==> flow/design.v <==
module gen_mul #(
    parameter W = 8,
    parameter K = 4
) (
    input  wire clk,
    input  wire [W-1:0] A_in,
    input  wire [K-1:0] B_in,
    output wire [W+K-1:0] m_out
);
    reg [W-1:0] A_ff;
    reg [K-1:0] B_ff;
    assign m_out = A_ff * B_ff;
    always @(posedge clk) begin
        A_ff <= A_in;
        B_ff <= B_in;
    end
endmodule
# Step by step through the tools: gen_mul
# Tool output for the design above, in the order of the flow.
# Line numbers count from 1 in the design file above.
# Operators carry their Yosys type and port widths (W data, S select, Z words).
# Cell names lack the library's common part.
inputs:
  top: "gen_mul"
  clock_port: "clk"
  library: "sky130hd"
  lib_corner: "tt_025C_1v80"

# Word-level counts
# Yosys after proc, flatten, opt, wreduce and memory -nomap, before mapping. Enables and synchronous resets that opt folds into registers are not counted as muxes. Memory bits, and registers merged into a memory's read port (data or address), are not among the register bits. Print and check cells are not counted. Equal cells are merged and count once.
bits:
  wordCells: 3
  input_bits: 13
  regBits: 12
  out_inout_bits: 12
op_classes:
  multipliers: 1
op_table:
  columns: ["cell", "count"]
  rows:
  - ["$mul A8 B4 Y12", 1]

# Longest topological paths
# Depth = most cells in a row (Yosys ltp): at word level without a register or memory, in the mapped netlist without a sequential cell, where the memories' decode and read muxes count.
logic_depth:
  ltp_word: 1
  ABC_AREA: 0
  depth_mapped: 11
  depth_no_buf: 11

# Synthesis result
# The flow's flattened synthesis, as Yosys stat reports it; memories are mapped. The netlist is that of the ABC_AREA named above (0 if unset); the other value can give another one.
# The area totals of this step are shown rounded.
types:
  columns: ["cell_type", "count", "area_total_um2"]
  rows:
  - ["dfxtp_1", 12, 240.23]
  - ["fa_1", 12, 240.23]
  - ["ha_1", 16, 200.192]
  - ["and2_1", 19, 118.864]
  - ["inv_1", 24, 90.086]
  - ["xnor2_1", 8, 70.067]
  - ["nand2_1", 15, 56.304]
  - ["a2111oi_4", 1, 27.526]
  - ["a21oi_1", 5, 25.024]
  - ["and3_4", 2, 22.522]
  - ["o41ai_2", 1, 16.266]
  - ["a21o_1", 2, 15.014]
  - ["a41o_2", 1, 11.261]
  - ["nor2_1", 3, 11.261]
  - ["nand3_1", 2, 10.01]
  - ["a21o_2", 1, 8.758]
  - ["and2_2", 1, 7.507]
  - ["o21bai_1", 1, 7.507]
# Not listed: further types 2, cells in them 2.
mapped:
  buffers: 0
  ffs: 12
  sequential_area_um2: 240
  mapped_cells: 128
  yosys_area_um2: 1190

# Timing after synthesis
# Path of least setup slack by OpenSTA after synthesis, without wires, with an ideal clock, recovery checks aside; 20% of the period is set as input and as output delay. Where synthesis merged equal registers, the netlist keeps one of their names.
synth_path:
  kind: "register to output"
  from: "register B_ff[3]"
  to: "output port m_out[11]"
  t_required_ps: 3744
  driving_pins: 12
  path_buffers: 0
  setup_slack_ps: 750
  path_delay_ps: 2994
  tclk_ps: 4680
  arrival_ps: 2994
  output_delay_ps: 936
  launch_ps: 0
  synth_period_reached_ps: 3930
# "path_delay_ps" is the arrival time less input delay plus setup time.
# At an output port there is no setup time.
# "driving_pins" counts driving pins, that of a launching flip-flop among them; a cell with two outputs on the path counts twice.
# "synth_period_reached_ps" = period - worst setup slack (recovery checks aside). The figure is calculated, with input and output delays left at 20% of the set period.
# Between the ends stands the longest chain of elaborated cells between them, by number of cells; it is not shown to be the way that was timed. Of several equally long chains one is given.
# Each line given opens the expression or statement behind the cell; cells for indexed reads and writes are added by Yosys, which also makes memories of some case tables.
synth_via:
  cell_sequence: "dfxtp_1 and2_1 fa_1 inv_1 fa_1 inv_1 ha_1 and3_4 a2111oi_4 o21ai_1 a21oi_1 xnor2_1"
  elab_chain_cells: 1
  cone_cells: 1
  lines_between: 1
  cone_classes: "mul (1)"
synth_rtl:
  columns: ["element", "line", "source"]
  rows:
  - ["from (decl)", 11, "reg [K-1:0] B_ff;"]
  - ["from (assign)", 15, "B_ff <= B_in;"]
  - ["$mul A8 B4 Y12", 12, "assign m_out = A_ff * B_ff;"]
  - ["to (decl)", 8, "output wire [W+K-1:0] m_out"]

# Path in the finished layout
# Path of least setup slack in the final report of run A (OpenROAD, finished layout, wires in). Where an end is a register, its clock arrival counts in the times.
# The path's times are printed in steps of 10 ps; the period is the one set.
layout_path:
  kind: "register to output"
  from: "register B_ff[1]"
  to: "output port m_out[11]"
  output_delay_ps: 470
  path_buffers: 2
  launch_ps: 240
  driving_pins: 13
  t_required_ps: 1900
  setup_slack_ps: -1400
  arrival_ps: 3300
  tclk_ps: 2370
# Between the ends stands the longest chain of elaborated cells between them, by number of cells; it is not shown to be the way that was timed. Of several equally long chains one is given.
layout_via:
  cell_sequence: "dfxtp_4 nand2_2 fa_1 inv_2 fa_1 ha_1 a21o_1 a2111oi_4 buf_4 o21ai_1 a21oi_2 xnor2_1 buf_2"
  elab_chain_cells: 1
  cone_cells: 1
  lines_between: 1
  cone_classes: "mul (1)"
layout_rtl:
  columns: ["element", "line", "source"]
  rows:
  - ["from (decl)", 11, "reg [K-1:0] B_ff;"]
  - ["from (assign)", 15, "B_ff <= B_in;"]
  - ["$mul A8 B4 Y12", 12, "assign m_out = A_ff * B_ff;"]
  - ["to (decl)", 8, "output wire [W+K-1:0] m_out"]

# Settings and measured results of 3 stored flow runs for module gen_mul (sky130hd), not sorted in any way. The constraints put input and output delay at 20% of the set period each and load the outputs with 0.01 pF.
# "achievedPeriod_ps" means the clock period less the worst setup slack. The figure is calculated, with input and output delays left at 20% of the set period.
# "worst_setup_path_time_ps" means the part of the period allowed to the worst setup path (the constraints hold back 20% at inputs and 20% at outputs) less its slack; where the path has registers, the arrival times of their clocks count too.
# "totalPower_uw" rests on the timing tool's default activity at the inputs, not on a simulated workload.
# "worst_setup_path_time_ps" is known to 10 ps.
# Results are given in rounded form.
runs:
  - name: "run A"
    settings:
      period_ns: 2.37
      CORE_UTILIZATION: 30
      SETUP_SLACK_MARGIN: 0.39
      PLACE_DENSITY_LB_ADDON: 0.3
      CORE_ASPECT_RATIO: 0.51
      CELL_PAD_IN_SITES_GLOBAL_PLACEMENT: 3
      CELL_PAD_IN_SITES_DETAIL_PLACEMENT: 0
      ABC_AREA: 0
      CTS_CLUSTER_DIAMETER: 255
      CAP_MARGIN: 40
      SLEW_MARGIN: 5
      CORE_MARGIN: 2
    results:
      synth_area_um2: 1190
      fin_tns_ps: -9910
      stdcell_area_um2: 1990
      totalPower_uw: 1150
      worst_setup_path_time_ps: 3300
      worst_path_kind: "register to output"
      total_die_area_um2: 4510
      final_setup_ws_ps: -1400
      achievedPeriod_ps: 3773
  - name: "run B"
    settings:
      period_ns: 4.68
      CAP_MARGIN: 20
      CORE_MARGIN: 2
      CORE_UTILIZATION: 40
      SLEW_MARGIN: 20
    results:
      achievedPeriod_ps: 4455
      worst_setup_path_time_ps: 3520
      worst_path_kind: "register to output"
      fin_tns_ps: 0
      final_setup_ws_ps: 225
      total_die_area_um2: 3420
      totalPower_uw: 428
      synth_area_um2: 1190
      stdcell_area_um2: 1520
  - name: "run C"
    settings:
      period_ns: 5.9
      CORE_UTILIZATION: 28
      PLACE_DENSITY: 0.71
      CELL_PAD_IN_SITES_GLOBAL_PLACEMENT: 0
      TNS_END_PERCENT: 90
      ABC_AREA: 0
      CTS_CLUSTER_SIZE: 87
      CTS_CLUSTER_DIAMETER: 238
      CAP_MARGIN: 20
      CORE_MARGIN: 2
      SLEW_MARGIN: 20
    results:
      stdcell_area_um2: 1550
      total_die_area_um2: 4780
      synth_area_um2: 1190
      final_setup_ws_ps: 822
      worst_setup_path_time_ps: 3900
      worst_path_kind: "register to output"
      fin_tns_ps: 0
      achievedPeriod_ps: 5078
      totalPower_uw: 375
